==> flow/design.v <==
module word #(parameter N = 8) (
  input wire clk,
  input wire en,
  input wire [N-1:0] d,
  output reg [N-1:0] q
);
  always @(posedge clk)
    if (en) q <= d;
endmodule
module dp_mem_blk #(
  parameter DEPTH = 40,
  parameter NBITS = 6,
  parameter RP = 3,
  parameter ABITS = $clog2(DEPTH)
) (
  input  wire core_clk,
  input  wire rst_i,
  input  wire wr_en,
  input  wire [ABITS-1:0] write_addr,
  input  wire [NBITS-1:0] write_data,
  input  wire [RP*ABITS-1:0] read_addr,
  output reg [RP*NBITS-1:0] rd_data
);
  reg wr_en_reg;
  always @(posedge core_clk) begin
    if (rst_i) begin
      wr_en_reg <= 1'b0;
    end else begin
      wr_en_reg <= wr_en;
    end
  end
  reg [ABITS-1:0] write_addr_reg;
  always @(posedge core_clk) begin
    if (rst_i) begin
      write_addr_reg <= 0;
    end else begin
      write_addr_reg <= write_addr;
    end
  end
  reg [NBITS-1:0] write_data_reg;
  always @(posedge core_clk) begin
    if (rst_i) begin
      write_data_reg <= 0;
    end else begin
      write_data_reg <= write_data;
    end
  end
  wire [DEPTH*NBITS-1:0] bank;
  genvar g;
  generate
    for (g = 0; g < DEPTH; g = g + 1) begin : each
      word #(.N(NBITS)) u (.clk(core_clk), .en(wr_en_reg && write_addr_reg == g), .d(write_data_reg), .q(bank[g*NBITS +: NBITS]));
    end
  endgenerate
  reg [RP*ABITS-1:0] read_addr_reg;
  always @(posedge core_clk) begin
    if (rst_i) begin
      read_addr_reg <= 0;
    end else begin
      read_addr_reg <= read_addr;
    end
  end
  wire [RP*NBITS-1:0] work;
  genvar m;
  generate
    for (m = 0; m < RP; m = m + 1) begin : u_g
      assign work[m*NBITS +: NBITS] = bank[read_addr_reg[m*ABITS +: ABITS]*NBITS +: NBITS];
    end
  endgenerate
  always @(posedge core_clk) begin
    if (rst_i) begin
      rd_data <= 0;
    end else begin
      rd_data <= work;
    end
  end
endmodule
### Tool chain data of dp_mem_blk

Tool output for the design above, in the order of the flow.
Line numbers count from 1 in the design file above.
Operators: Yosys type, input widths -> output width; for muxes data width and select width s.
The mark -- stands for no value.

| design | value |
|---|---|
| top module | dp_mem_blk |
| clock | core_clk |
| standard-cell library | sky130hd |
| corner | tt_025C_1v80 |

### After elaboration

Yosys after proc, flatten, opt, wreduce and memory -nomap, before mapping. Enables and synchronous resets that opt folds into registers are not counted as muxes. Memory bits, and registers merged into a memory's read port (data or address), are not among the register bits. Print and check cells are not counted. Equal cells are merged and count once.

| cells by class | value |
|---|---|
| shift operators | 3 |
| equal/unequal tests | 39 |
| $mul | 3 |
| reduce/logical cells | 41 |

Operators by type and width:

| kind | number |
|---|---|
| $shiftx 240x10->6 | 3 |
| $eq 6x5->1 const B | 16 |
| $mul 6x2->8 const B | 3 |
| $eq 6x4->1 const B | 8 |
| $eq 6x6->1 const B | 8 |
| $logic_and 1x1->1 | 40 |
| $eq 6x3->1 const B | 4 |
| $eq 6x2->1 const B | 2 |
| $eq 6x1->1 const B | 1 |
| $logic_not 6->1 | 1 |

| bit counts | value |
|---|---|
| register bits | 289 |
| input port bits | 33 |
| word-level cells | 131 |
| output and inout bits | 18 |

### Depth

Yosys ltp: most cells in a row. Word level: on the elaborated netlist, between registers, memories and ports. Mapped: between sequential cells and ports; inverters and the memories' decode and read muxes count.

| logic depth | value |
|---|---|
| depth in word-level cells | 2 |
| ABC_AREA | 0 |
| gate-level depth with buffers | 8 |
| depth with buffers taken out | 5 |

### Netlist

The flow's flattened synthesis, as Yosys stat reports it; memories are mapped. The netlist is that of the ABC_AREA named above (0 if unset); the other value can give another one.

| mapped netlist | value |
|---|---|
| buffers | 69 |
| area of sequential cells | 8187.9 um2 |
| flip-flop cells | 289 |
| chip area (Yosys) | 14770.4 um2 |
| cell count | 911 |

Cell types:

| cell type | number | area in all (um2) |
|---|---|---|
| sky130_fd_sc_hd__edfxtp_1 | 240 | 7.21E+03 |
| sky130_fd_sc_hd__mux4_2 | 118 | 2.66E+03 |
| sky130_fd_sc_hd__mux2i_1 | 109 | 1.09E+03 |
| sky130_fd_sc_hd__dfxtp_1 | 49 | 980.941 |
| sky130_fd_sc_hd__mux2_2 | 55 | 619.344 |
| sky130_fd_sc_hd__a221oi_1 | 28 | 245.235 |
| sky130_fd_sc_hd__nor2b_1 | 37 | 231.472 |
| sky130_fd_sc_hd__o22ai_1 | 35 | 218.96 |
| sky130_fd_sc_hd__nor2_1 | 51 | 191.434 |
| sky130_fd_sc_hd__mux4_1 | 7 | 183.926 |
| sky130_fd_sc_hd__o221ai_1 | 15 | 131.376 |
| sky130_fd_sc_hd__buf_2 | 22 | 110.106 |
| sky130_fd_sc_hd__clkbuf_1 | 25 | 93.84 |
| sky130_fd_sc_hd__nor3_1 | 16 | 80.077 |
| sky130_fd_sc_hd__buf_6 | 7 | 78.826 |
| sky130_fd_sc_hd__buf_4 | 9 | 67.565 |
| sky130_fd_sc_hd__a22o_1 | 7 | 61.309 |
| sky130_fd_sc_hd__nand2_1 | 13 | 48.797 |

Other cell types: 20; their cells: 68.
By module: a second synthesis without flattening, with its own total; a netlist apart from the flattened one above.

| second synthesis, totals | value |
|---|---|
| cell total of the unflattened synthesis | 834 |
| area total of the unflattened synthesis | 14515.2 um2 |

Each row is one instance without its submodules.

Modules:

| module | area (um2) | instances | cells | seq. area (um2) |
|---|---|---|---|---|
| dp_mem_blk | 7308.3 | 1 | 594 | 980.9 |
| word #(N=6) | 180.2 | 40 | 6 | 180.2 |

### Timing after synthesis

Source: OpenSTA report_checks on the synthesized netlist (no wires, ideal clock, input and output delay 20% of the period each), path of least setup slack; recovery checks are left aside. Register names are those of the netlist, which keeps one name where synthesis merged equal registers.

| path after synthesis | value |
|---|---|
| kind | flip-flop to flip-flop |
| from | register wr_en_reg |
| to | register each[8].u.q[0] |
| path slack | 0.572 ns |
| stages | 5 |
| setup time | 0.377 ns |
| path buffers | 1 |
| path delay | 2.308 ns |
| arrival time | 1.931 ns |
| launch time at the first pin | 0.000 ns |
| required time | 2.503 ns |
| clock period | 2.88 ns |
| synthesis period reached | 2.308 ns |

"path delay" is the arrival time less input delay plus setup time.
"stages": output pins that drive a net of the path, with the launching flip-flop's if there is one; two outputs of one cell count as two.
"synthesis period reached" is the clock period less the worst setup slack; recovery checks do not enter. This is arithmetic on one report: input and output delays are still those of the set period (20% each).
Between the ends stands the longest chain of elaborated cells between them, by number of cells; it is not shown to be the way that was timed. Of several equally long chains one is given.
Each line given opens the expression or statement behind the cell; cells for indexed reads and writes are added by Yosys, which also makes memories of some case tables.

| on the way, after synthesis | value |
|---|---|
| cells stage by stage | sky130_fd_sc_hd__dfxtp_1 sky130_fd_sc_hd__or3b_2 sky130_fd_sc_hd__clkbuf_1 sky130_fd_sc_hd__or3b_2 sky130_fd_sc_hd__nor3_1 |
| cells in the longest elaborated chain | 1 |
| elaborated cells on any way between the ends | 1 |
| RTL lines with such cells | 1 |
| those cells by class | reduce/logical (1) |

Ends and longest elaborated chain, after synthesis:

| element | line | text |
|---|---|---|
| from (decl) | 24 | `reg wr_en_reg;` |
| from (assign) | 27 | `wr_en_reg <= 1'b0;` |
| from (assign) | 29 | `wr_en_reg <= wr_en;` |
| $logic_and 1x1->1 | 52 | `word #(.N(NBITS)) u (.clk(core_clk), .en(wr_en_reg && write_addr_reg == g), .d(write_data_reg), .q(bank[g*NBIT ...` |
| to (assign) | 8 | `if (en) q <= d;` |
| to (decl) | 5 | `output reg [N-1:0] q` |

### Path in the finished layout

From the final timing report of flow run A: the path of least setup slack in the routed layout; clock arrival at registers is part of the times.

| path after layout | value |
|---|---|
| kind | flip-flop to flip-flop |
| from | register read_addr_reg[0] |
| to | register rd_data[2] |
| arrival time | 3.05 ns |
| stages | 6 |
| setup time | 0.15 ns |
| path buffers | 2 |
| path slack | 0.25 ns |
| launch time at the first pin | 0.58 ns |
| required time | 3.30 ns |
| clock period | 2.88 ns |

Between the ends stands the longest chain of elaborated cells between them, by number of cells; it is not shown to be the way that was timed. Of several equally long chains one is given.

| on the way, after layout | value |
|---|---|
| cells stage by stage | sky130_fd_sc_hd__dfxtp_4 sky130_fd_sc_hd__buf_4 sky130_fd_sc_hd__buf_4 sky130_fd_sc_hd__mux4_2 sky130_fd_sc_hd__mux2i_1 sky130_fd_sc_hd__o22ai_1 |
| cells in the longest elaborated chain | 2 |
| elaborated cells on any way between the ends | 2 |
| RTL lines with such cells | 1 |
| those cells by class | mul (1); shift (1) |

Ends and longest elaborated chain, after layout:

| element | line | text |
|---|---|---|
| from (decl) | 55 | `reg [RP*ABITS-1:0] read_addr_reg;` |
| from (assign) | 58 | `read_addr_reg <= 0;` |
| from (assign) | 60 | `read_addr_reg <= read_addr;` |
| $mul 6x2->8 | 67 | `assign work[m*NBITS +: NBITS] = bank[read_addr_reg[m*ABITS +: ABITS]*NBITS +: NBITS];` |
| $shiftx 240x10->6 | 67 |  |
| to (assign) | 72 | `rd_data <= 0;` |
| to (assign) | 74 | `rd_data <= work;` |
| to (decl) | 22 | `output reg [RP*NBITS-1:0] rd_data` |

## Implementation results

3 stored runs of dp_mem_blk in the flow (synthesis by Yosys, layout by OpenROAD, sky130hd cells), in arbitrary order. Constraints: input delay and output delay 20% of the set period each, output load 0.01 pF.
"reached clock period" = clock period - worst setup slack. The figure is calculated, with input and output delays left at 20% of the set period.
"critical setup path time" means the part of the period allowed to the worst setup path (the constraints hold back 20% at inputs and 20% at outputs) less its slack; where the path has registers, the arrival times of their clocks count too.
"power" is the tool's figure for a default switching activity; nothing was simulated.
Among the settings, -- means not set for that run.

| run | period_ns | CAP_MARGIN | CORE_MARGIN | CORE_UTILIZATION | SLEW_MARGIN | PLACE_DENSITY_LB_ADDON | CORE_ASPECT_RATIO | CELL_PAD_IN_SITES_GLOBAL_PLACEMENT | TNS_END_PERCENT | ABC_AREA | GPL_TIMING_DRIVEN | CTS_CLUSTER_SIZE | MIN_ROUTING_LAYER | MAX_ROUTING_LAYER | SETUP_SLACK_MARGIN | setup slack of the critical path (ns) | reached clock period (ns) | power (uW) | cell area after synthesis (um2) | standard-cell area of the final layout (um2) | critical setup path time (ns) | class of the worst setup path | total negative setup slack (ns) | worst hold slack in the final report (ns) | utilization (%) | total die area (um2) |
|---|---|---|---|---|---|---|---|---|---|---|---|---|---|---|---|---|---|---|---|---|---|---|---|---|---|---|
| flow run A | 2.88 | 20 | 2 | 40 | 20 | -- | -- | -- | -- | -- | -- | -- | -- | -- | -- | 0.249 | 2.631 | 9687 | 14770.4 | 17093.9 | 2.63 | flip-flop to flip-flop | 0.000 | 0.436 | 46.8 | 38478.7 |
| flow run B | 2.47 | 20 | 2 | 21 | 20 | 0.18 | 0.82 | 2 | 40 | 1 | 1 | 42 | met2 | met5 | -- | 0.087 | 2.383 | 12944 | 15917.8 | 19246.0 | 2.38 | flip-flop to flip-flop | 0.000 | 0.278 | 25.6 | 78028.3 |
| flow run C | 4.26 | 40 | 2 | 41 | 20 | 0.11 | -- | -- | -- | 1 | -- | -- | -- | -- | 1.17 | 1.609 | 2.651 | 6976 | 15917.8 | 17882.2 | 2.65 | flip-flop to flip-flop | 0.000 | 0.639 | 46.5 | 40415.1 |
